==> flow/design.v <==
module u_add_unit_stage #(
   parameter int DATA_W = 8
) (
   input logic clk_i,
   input logic [DATA_W-1:0] rs1,
   input logic [DATA_W-1:0] rs2,
   input logic [DATA_W-1:0] rs3,
   output logic [DATA_W+1:0] o
);
   logic [DATA_W-1:0] rs1_d1;
   always_ff @(posedge clk_i) begin
      rs1_d1 <= rs1;
   end
   logic [DATA_W-1:0] rs2_d1;
   always_ff @(posedge clk_i) begin
      rs2_d1 <= rs2;
   end
   logic [DATA_W-1:0] rs3_d1;
   always_ff @(posedge clk_i) begin
      rs3_d1 <= rs3;
   end
   logic [DATA_W-1:0] work_d1;
   always_ff @(posedge clk_i) begin
      work_d1 <= rs1_d1 ^ rs2_d1 ^ rs3_d1;
   end
   logic [DATA_W-1:0] cy_d1;
   always_ff @(posedge clk_i) begin
      cy_d1 <= (rs1_d1 & rs2_d1) | (rs1_d1 & rs3_d1) | (rs2_d1 & rs3_d1);
   end
   always_ff @(posedge clk_i) begin
      o <= work_d1 + {cy_d1, 1'b0};
   end
endmodule
Wiki page: u_add_unit_stage / tool data

Step by step through the tools: u_add_unit_stage
Module u_add_unit_stage in several versions that differ in "DATA_W"; each step lists the members.
The file above is the member DATA_W=8. Line numbers count from 1 in each member's own file.
Operators: Yosys type, input widths -> output width; for muxes data width and select width s.
Cell names lack the library's common part.
{"block": "inputs", "top": "u_add_unit_stage", "clk_port": "clk_i", "cell_library": "sky130hd", "lib_corner": "tt_025C_1v80"}

Members of the sweep
New or changed lines of each further member against the RTL above, in its own file; lines it lacks are not shown.
{"block": "changed_lines", "DATA_W": 12, "line": 2, "text": "parameter int DATA_W = 12"}
{"block": "changed_lines", "DATA_W": 14, "line": 2, "text": "parameter int DATA_W = 14"}
{"block": "changed_lines", "DATA_W": 32, "line": 2, "text": "parameter int DATA_W = 32"}
{"block": "changed_lines", "DATA_W": 56, "line": 2, "text": "parameter int DATA_W = 56"}

Word level
Source: Yosys, flattened and elaborated, memories not mapped. Widths are those after wreduce; folded enables and synchronous resets count as part of the registers. Registers that Yosys merges into a memory's read port (data or address) are not register bits. Print and check cells do not count. Equal cells are merged and count once.
{"block": "word_totals", "DATA_W": 8, "register_bits": 50, "inputBits": 25, "output_inout_bits": 10, "word_cells": 14}
{"block": "word_totals", "DATA_W": 12, "register_bits": 74, "inputBits": 37, "output_inout_bits": 14, "word_cells": 14}
{"block": "word_totals", "DATA_W": 14, "register_bits": 86, "inputBits": 43, "output_inout_bits": 16, "word_cells": 14}
{"block": "word_totals", "DATA_W": 32, "register_bits": 194, "inputBits": 97, "output_inout_bits": 34, "word_cells": 14}
{"block": "word_totals", "DATA_W": 56, "register_bits": 338, "inputBits": 169, "output_inout_bits": 58, "word_cells": 14}
{"block": "op_classes", "DATA_W": 8, "n_addsub": 1, "bitwise": 7}
{"block": "op_classes", "DATA_W": 12, "n_addsub": 1, "bitwise": 7}
{"block": "op_classes", "DATA_W": 14, "n_addsub": 1, "bitwise": 7}
{"block": "op_classes", "DATA_W": 32, "n_addsub": 1, "bitwise": 7}
{"block": "op_classes", "DATA_W": 56, "n_addsub": 1, "bitwise": 7}
{"block": "ops", "DATA_W": 8, "operators": "$and 8x8->8: 3; $or 8x8->8: 2; $xor 8x8->8: 2; $add 8x9->10: 1"}
{"block": "ops", "DATA_W": 12, "operators": "$and 12x12->12: 3; $or 12x12->12: 2; $xor 12x12->12: 2; $add 12x13->14: 1"}
{"block": "ops", "DATA_W": 14, "operators": "$and 14x14->14: 3; $or 14x14->14: 2; $xor 14x14->14: 2; $add 14x15->16: 1"}
{"block": "ops", "DATA_W": 32, "operators": "$and 32x32->32: 3; $or 32x32->32: 2; $xor 32x32->32: 2; $add 32x33->34: 1"}
{"block": "ops", "DATA_W": 56, "operators": "$and 56x56->56: 3; $or 56x56->56: 2; $xor 56x56->56: 2; $add 56x57->58: 1"}

Logic depth
Longest topological path by Yosys (ltp), each cell counted once; first at word level (registers and memories cut), then after technology mapping (sequential cells cut; the memories' decode and read muxes count).
{"block": "depth", "DATA_W": 8, "ltp_word": 3, "ABC_AREA": 0, "ltp_mapped": 6, "ltp_nobuf": 6}
{"block": "depth", "DATA_W": 12, "ltp_word": 3, "ABC_AREA": 0, "ltp_mapped": 7, "ltp_nobuf": 7}
{"block": "depth", "DATA_W": 14, "ltp_word": 3, "ABC_AREA": 0, "ltp_mapped": 7, "ltp_nobuf": 7}
{"block": "depth", "DATA_W": 32, "ltp_word": 3, "ABC_AREA": 0, "ltp_mapped": 9, "ltp_nobuf": 9}
{"block": "depth", "DATA_W": 56, "ltp_word": 3, "ABC_AREA": 0, "ltp_mapped": 10, "ltp_nobuf": 10}

Synthesis result
The flow's flattened synthesis, as Yosys stat reports it; memories are mapped. The netlist is that of the ABC_AREA named above (0 if unset); the other value can give another one.
{"block": "mapped", "DATA_W": 8, "mapped_cells": 102, "yosys_area_um2": 1475.2, "seqArea_um2": 1001.0, "flip_flops": 50, "buf_cells": 0}
{"block": "mapped", "DATA_W": 12, "mapped_cells": 154, "yosys_area_um2": 2259.7, "seqArea_um2": 1481.4, "flip_flops": 74, "buf_cells": 0}
{"block": "mapped", "DATA_W": 14, "mapped_cells": 185, "yosys_area_um2": 2655.0, "seqArea_um2": 1721.7, "flip_flops": 86, "buf_cells": 2}
{"block": "mapped", "DATA_W": 32, "mapped_cells": 467, "yosys_area_um2": 6222.2, "seqArea_um2": 3883.7, "flip_flops": 194, "buf_cells": 9}
{"block": "mapped", "DATA_W": 56, "mapped_cells": 904, "yosys_area_um2": 11413.4, "seqArea_um2": 6766.5, "flip_flops": 338, "buf_cells": 26}
{"block": "types", "DATA_W": 8, "type_list": "dfxtp_1: 50; fa_1: 9; ha_1: 7; a21oi_1: 5; nand3_1: 4; nand2_1: 5; xnor2_1: 2; xor2_1: 2; nor2_1: 4; inv_1: 3; a311o_1: 1; and4b_1: 1; a21oi_2: 1; a221oi_1: 1; o211ai_1: 1; or4_1: 1; nand2_2: 1; nand2b_1: 1; [+3]"}
{"block": "types", "DATA_W": 12, "type_list": "dfxtp_1: 74; fa_1: 13; ha_1: 11; xnor2_1: 5; a21oi_1: 8; xor2_1: 3; nor2b_1: 4; o211ai_2: 2; nand2_1: 5; nand4b_1: 2; a21o_1: 2; a311oi_2: 1; mux2_4: 1; nor2_1: 4; inv_1: 3; a41o_1: 1; o21ai_0: 2; a21oi_2: 1; [+12]"}
{"block": "types", "DATA_W": 14, "type_list": "dfxtp_1: 86; fa_1: 15; ha_1: 13; a21o_1: 7; xnor2_1: 5; a21oi_1: 8; xor2_1: 3; nor2_1: 6; nand3_1: 4; and3_1: 3; nand2_1: 5; a41oi_1: 2; a221oi_2: 1; o21bai_1: 2; and2_1: 2; nand4_2: 1; inv_1: 3; mux2_2: 1; [+18]"}
{"block": "types", "DATA_W": 32, "type_list": "dfxtp_1: 194; fa_1: 33; ha_1: 31; xnor2_1: 19; a21oi_1: 27; a21o_1: 14; nand2_1: 25; xor2_1: 10; o21ai_0: 16; nand4_1: 8; nor2_1: 12; o21a_1: 6; a31oi_1: 7; clkbuf_1: 9; and3_1: 5; o31ai_1: 4; and2_1: 4; a21boi_0: 3; [+40]"}
{"block": "types", "DATA_W": 56, "type_list": "dfxtp_1: 338; fa_1: 57; ha_1: 55; a21oi_1: 69; xnor2_1: 29; a21o_1: 32; nand2_1: 48; xor2_1: 19; nor2_1: 36; nand4_1: 20; o21ai_0: 22; a2111oi_4: 3; nand3_1: 15; nor3_1: 12; o21bai_1: 8; a31oi_1: 9; inv_1: 15; clkbuf_1: 13; [+104]"}
The mark [+n] counts cells that are not listed.

Path before layout
Path of least setup slack by OpenSTA after synthesis, without wires, with an ideal clock, recovery checks aside; 20% of the period is set as input and as output delay. Where synthesis merged equal registers, the netlist keeps one of their names.
{"block": "synth_path", "DATA_W": 8, "path_kind": "reg2reg", "start": "reg work_d1[3]", "end": "reg o[6]", "period_ps": 1850, "path_slack_ps": 369, "stages": 6, "delay_ps": 1481, "synth_period_reached_ps": 1481}
{"block": "synth_path", "DATA_W": 12, "path_kind": "reg2reg", "start": "reg work_d1[1]", "end": "reg o[9]", "period_ps": 2270, "path_slack_ps": 455, "stages": 8, "delay_ps": 1815, "synth_period_reached_ps": 1815}
{"block": "synth_path", "DATA_W": 14, "path_kind": "reg2reg", "start": "reg work_d1[1]", "end": "reg o[15]", "period_ps": 2430, "path_slack_ps": 487, "stages": 8, "delay_ps": 1942, "synth_period_reached_ps": 1943}
{"block": "synth_path", "DATA_W": 32, "path_kind": "reg2reg", "start": "reg work_d1[1]", "end": "reg o[21]", "period_ps": 3070, "path_slack_ps": 611, "stages": 10, "delay_ps": 2459, "synth_period_reached_ps": 2459}
{"block": "synth_path", "DATA_W": 56, "path_kind": "reg2reg", "start": "reg work_d1[1]", "end": "reg o[25]", "period_ps": 3330, "path_slack_ps": 669, "stages": 11, "delay_ps": 2662, "synth_period_reached_ps": 2661}
"delay_ps" = arrival - input delay + setup time.
"stages" counts driving pins, that of a launching flip-flop among them; a cell with two outputs on the path counts twice.
"synth_period_reached_ps" is the clock period less the worst setup slack; recovery checks do not enter. This is arithmetic on one report: input and output delays are still those of the set period (20% each).
Between the ends stands the longest chain of elaborated cells between them, by number of cells; it is not shown to be the way that was timed. Of several equally long chains one is given.
A line is the first line of the expression or statement that the cell stems from. Yosys adds cells for indexed reads and writes and turns some case tables into memories.
{"block": "synth_between_DATA_W_8", "elab_chain_cells": 1}
{"block": "synth_rtl_DATA_W_8", "element": "start: declaration", "line": 22, "text": "logic [DATA_W-1:0] work_d1;"}
{"block": "synth_rtl_DATA_W_8", "element": "start: assignment", "line": 24, "text": "work_d1 <= rs1_d1 ^ rs2_d1 ^ rs3_d1;"}
{"block": "synth_rtl_DATA_W_8", "element": "$add 8x9->10", "line": 31, "text": "o <= work_d1 + {cy_d1, 1'b0};"}
{"block": "synth_rtl_DATA_W_8", "element": "end: assignment", "line": 31}
{"block": "synth_rtl_DATA_W_8", "element": "end: declaration", "line": 8, "text": "output logic [DATA_W+1:0] o"}
{"block": "synth_between_DATA_W_56", "elab_chain_cells": 1}
{"block": "synth_rtl_DATA_W_56", "element": "start: declaration", "line": 22, "text": "logic [DATA_W-1:0] work_d1;"}
{"block": "synth_rtl_DATA_W_56", "element": "start: assignment", "line": 24, "text": "work_d1 <= rs1_d1 ^ rs2_d1 ^ rs3_d1;"}
{"block": "synth_rtl_DATA_W_56", "element": "$add 56x57->58", "line": 31, "text": "o <= work_d1 + {cy_d1, 1'b0};"}
{"block": "synth_rtl_DATA_W_56", "element": "end: assignment", "line": 31}
{"block": "synth_rtl_DATA_W_56", "element": "end: declaration", "line": 8, "text": "output logic [DATA_W+1:0] o"}

Worst path after layout
From the final timing report of the run of each member: the path of least setup slack in the routed layout; clock arrival at registers is part of the times.
The report prints the path's times to 10 ps; the period is as set.
{"block": "layout_path", "DATA_W": 8, "path_kind": "reg2reg", "start": "reg work_d1[3]", "end": "reg o[6]", "period_ps": 1850, "path_slack_ps": 270, "stages": 6, "arrival_ps": 1770, "path_buffers": 0}
{"block": "layout_path", "DATA_W": 12, "path_kind": "reg2reg", "start": "reg work_d1[1]", "end": "reg o[9]", "period_ps": 2270, "path_slack_ps": 270, "stages": 8, "arrival_ps": 2210, "path_buffers": 0}
{"block": "layout_path", "DATA_W": 14, "path_kind": "reg2reg", "start": "reg work_d1[1]", "end": "reg o[15]", "period_ps": 2430, "path_slack_ps": 300, "stages": 8, "arrival_ps": 2360, "path_buffers": 0}
{"block": "layout_path", "DATA_W": 32, "path_kind": "reg2reg", "start": "reg work_d1[1]", "end": "reg o[21]", "period_ps": 3070, "path_slack_ps": 320, "stages": 10, "arrival_ps": 3100, "path_buffers": 0}
{"block": "layout_path", "DATA_W": 56, "path_kind": "reg2reg", "start": "reg work_d1[1]", "end": "reg o[25]", "period_ps": 3330, "path_slack_ps": 380, "stages": 11, "arrival_ps": 3320, "path_buffers": 0}

Flow runs
One run of the flow (Yosys, OpenROAD) for each member, with settings and measured results. Input and output delays are each 20% of the period that was set; the output load is 0.01 pF.
{"block": "settings", "CAP_MARGIN": 20, "CORE_MARGIN": 2, "CORE_UTILIZATION": 40, "SLEW_MARGIN": 20}
{"block": "settings_by_member", "DATA_W": 8, "period_ns": 1.85}
{"block": "settings_by_member", "DATA_W": 12, "period_ns": 2.27}
{"block": "settings_by_member", "DATA_W": 14, "period_ns": 2.43}
{"block": "settings_by_member", "DATA_W": 32, "period_ns": 3.07}
{"block": "settings_by_member", "DATA_W": 56, "period_ns": 3.33}
{"block": "measured", "DATA_W": 8, "synthesis_area_um2": 1475.2, "die_area_um2": 4190.0, "stdcell_area_um2": 1966.9, "finish.utilization_pct": 54.5, "timing.setup.ws_ps": 267, "total_negative_slack_ps": 0, "final_hold_ws_ps": 339, "total_power_mw": 2.343, "achieved_period_ps": 1583}
{"block": "measured", "DATA_W": 12, "synthesis_area_um2": 2259.7, "die_area_um2": 6266.3, "stdcell_area_um2": 3054.2, "finish.utilization_pct": 55.8, "timing.setup.ws_ps": 273, "total_negative_slack_ps": 0, "final_hold_ws_ps": 332, "total_power_mw": 3.229, "achieved_period_ps": 1997}
{"block": "measured", "DATA_W": 14, "synthesis_area_um2": 2655.0, "die_area_um2": 7305.1, "stdcell_area_um2": 3543.4, "finish.utilization_pct": 55.5, "timing.setup.ws_ps": 300, "total_negative_slack_ps": 0, "final_hold_ws_ps": 336, "total_power_mw": 3.479, "achieved_period_ps": 2130}
{"block": "measured", "DATA_W": 32, "synthesis_area_um2": 6222.2, "die_area_um2": 16568.8, "stdcell_area_um2": 8338.0, "finish.utilization_pct": 54.8, "timing.setup.ws_ps": 321, "total_negative_slack_ps": 0, "final_hold_ws_ps": 330, "total_power_mw": 6.833, "achieved_period_ps": 2749}
{"block": "measured", "DATA_W": 56, "synthesis_area_um2": 11413.4, "die_area_um2": 29901.3, "stdcell_area_um2": 15257.1, "finish.utilization_pct": 54.6, "timing.setup.ws_ps": 377, "total_negative_slack_ps": 0, "final_hold_ws_ps": 333, "total_power_mw": 11.813, "achieved_period_ps": 2953}
"achieved_period_ps" means the clock period less the worst setup slack. The figure is calculated, with input and output delays left at 20% of the set period.
"total_power_mw" is the tool's figure for a default switching activity; nothing was simulated.
